==> flow/design.v <==
module gen_muxn #(
   parameter int DW = 20,
   parameter int NUM = 3
) (
   input logic clk,
   input logic [NUM*DW-1:0] in,
   input logic [NUM-1:0] choose,
   output logic [DW-1:0] o
);
   logic [DW-1:0] t;
   always_comb begin
      t = 0;
      for (int k = 0; k < NUM; k++)
         t = t | (in[k*DW +: DW] & {DW{choose[k]}});
   end
   always_ff @(posedge clk) begin
      o <= t;
   end
endmodule
---- Tool chain data of gen_muxn ----
The steps from the RTL of gen_muxn to its reports follow in flow order.
Lines are those of the file above, counted from 1.
Library cell names are shortened.
The mark n/a stands for no value.
design
  design top .............................. gen_muxn
  clock ................................... clk
  library ................................. sky130hd
  corner .................................. tt_025C_1v80

---- Word level ----
Source: Yosys, flattened and elaborated, memories not mapped. Widths are those after wreduce; folded enables and synchronous resets count as part of the registers. Registers that Yosys merges into a memory's read port (data or address) are not register bits. Print and check cells do not count. Equal cells are merged and count once.
bit counts
  bits in registers ....................... 20
  memories ................................ 0
  output and inout port bits .............. 20
  word-level cells ........................ 6
  latch bits .............................. 0
  bits in writable memories ............... 0
  ROM bits ................................ 0
  clocked read ports x word width ......... 0
  input port bits ......................... 64
cells by class
  bitwise logic cells ..................... 5
  eq/ne operators ......................... 0
  shift operators ......................... 0
  order comparisons ....................... 0
  $mul .................................... 0
  reductions and logical operators ........ 0
  mux-type cells .......................... 0
  div/mod/pow operators ................... 0
  $add $sub $neg .......................... 0
operator list
  kind                count
  bitwise AND 20 bit  3
  bitwise OR 20 bit   2

---- Depth ----
Longest topological path by Yosys (ltp), each cell counted once; first at word level (registers and memories cut), then after technology mapping (sequential cells cut; the memories' decode and read muxes count).
depth
  word-level depth ........................ 3
  ABC_AREA ................................ 1
  gate-level depth with buffers ........... 3
  depth with buffers taken out ............ 2

---- Mapped cells and area ----
Yosys stat after the flow's synthesis: flattened, memories mapped to cells. It holds for the ABC_AREA given above (unset counts as 0); a run with the other value may have another netlist.
mapped netlist
  synthesis area .......................... 850.8 um^2
  flip-flop cells ......................... 20
  cell count .............................. 106
  sequential area ......................... 400.4 um^2
cell types
  cell type  count
  dfxtp_1    20
  nand2_1    60
  nand3_2    13
  buf_6      4
  nand3_1    7
  buf_4      2

---- Timing after synthesis ----
Source: OpenSTA report_checks on the synthesized netlist (no wires, ideal clock, input and output delay 20% of the period each), path of least setup slack; recovery checks are left aside. Register names are those of the netlist, which keeps one name where synthesis merged equal registers.
path post-synthesis
  path type ............................... input port to flip-flop
  start ................................... input port (no name shown)
  end ..................................... register o[0]
  data required time ...................... 838 ps
  setup slack ............................. 399 ps
  path delay .............................. 365 ps
  arrival ................................. 439 ps
  clock period ............................ 955 ps
  stages .................................. 3
  setup time .............................. 117 ps
  buffers on the path ..................... 1
  synthesis period reached ................ 556 ps
"path delay" is the arrival time less input delay plus setup time.
"stages" counts driving pins, that of a launching flip-flop among them; a cell with two outputs on the path counts twice.
"synthesis period reached" = period - worst setup slack (recovery checks aside). The figure is calculated, with input and output delays left at 20% of the set period.
Between the ends stands the longest chain of elaborated cells between them, by number of cells; it is not shown to be the way that was timed. Of several equally long chains one is given.
A line is the first line of the expression or statement that the cell stems from. Yosys adds cells for indexed reads and writes and turns some case tables into memories.
on the way, post-synthesis
  cell sequence ........................... buf_4 nand2_1 nand3_2
  cells in the longest elaborated chain ... 2
ends and longest elaborated chain, post-synthesis
  element             RTL line  text
  start, declared     7
  bitwise AND 20 bit  14
  bitwise OR 20 bit   14
  end, assigned       17        o <= t;
  end, declared       8         output logic [DW-1:0] o

---- Worst path after layout ----
Path of least setup slack in the final report of record 2 (OpenROAD, finished layout, wires in). Where an end is a register, its clock arrival counts in the times.
The report prints the path's times to 10 ps; the period is as set.
path post-layout
  path type ............................... flip-flop to output port
  start ................................... register o[10]
  end ..................................... output port o[10]
  buffers on the path ..................... 1
  output delay ............................ 120 ps
  arrival ................................. 750 ps
  clock period ............................ 579 ps
  data required time ...................... 460 ps
  stages .................................. 2
  setup slack ............................. -290 ps
on the way, post-layout
  cell sequence ........................... dfxtp_2 buf_6
  cells in the longest elaborated chain ... 0
ends and longest elaborated chain, post-layout
  element          RTL line  text
  start, declared  8         output logic [DW-1:0] o
  start, assigned  17        o <= t;
  end, declared    8

Design gen_muxn on sky130hd. What follows are 3 stored runs of the flow, each under its own settings; their order means nothing. The constraints put input and output delay at 20% of the set period each and load the outputs with 0.01 pF.
"achieved clock period" = clock period - worst setup slack. The figure is calculated, with input and output delays left at 20% of the set period.
By "total power after layout" is meant OpenSTA's value without simulated activity: inputs other than the clock are taken to toggle once in ten clock periods, and the tool carries that through the logic.

---- record 1 ----
settings
  period_ns = 1.0
  CORE_UTILIZATION = 32
  SETUP_SLACK_MARGIN = 0.17
  CORE_ASPECT_RATIO = 0.83
  CORE_MARGIN = 5
  CELL_PAD_IN_SITES_GLOBAL_PLACEMENT = 3
  GPL_TIMING_DRIVEN = 0
  SLEW_MARGIN = 20
  MIN_ROUTING_LAYER = met1
  CAP_MARGIN = 20
results
  no final report: placement broke off with GPL-0301

---- record 2 ----
settings
  period_ns = 0.579
  CORE_UTILIZATION = 40
  SETUP_SLACK_MARGIN = -0.0
  PLACE_DENSITY = 0.93
  CORE_MARGIN = 4
  ABC_AREA = 1
  GPL_TIMING_DRIVEN = 0
  CTS_CLUSTER_SIZE = 19
  MIN_ROUTING_LAYER = met1
  CAP_MARGIN = 20
  SLEW_MARGIN = 20
results
  final worst hold slack .................. 62 ps
  total power after layout ................ 3662 µW
  die size ................................ 2929.0 um^2
  utilization in the final report ......... 86.0%
  mapped cell area after synthesis ........ 850.8 um^2
  worst setup slack after layout .......... -291 ps
  achieved clock period ................... 870 ps

---- record 3 ----
settings
  period_ns = 0.955
  CAP_MARGIN = 20
  CORE_MARGIN = 2
  CORE_UTILIZATION = 40
  SLEW_MARGIN = 20
results
  die size ................................ 2140.0 um^2
  utilization in the final report ......... 94.8%
  mapped cell area after synthesis ........ 714.4 um^2
  achieved clock period ................... 984 ps
  worst setup slack after layout .......... -29 ps
  final worst hold slack .................. 206 ps
  total power after layout ................ 2011 µW
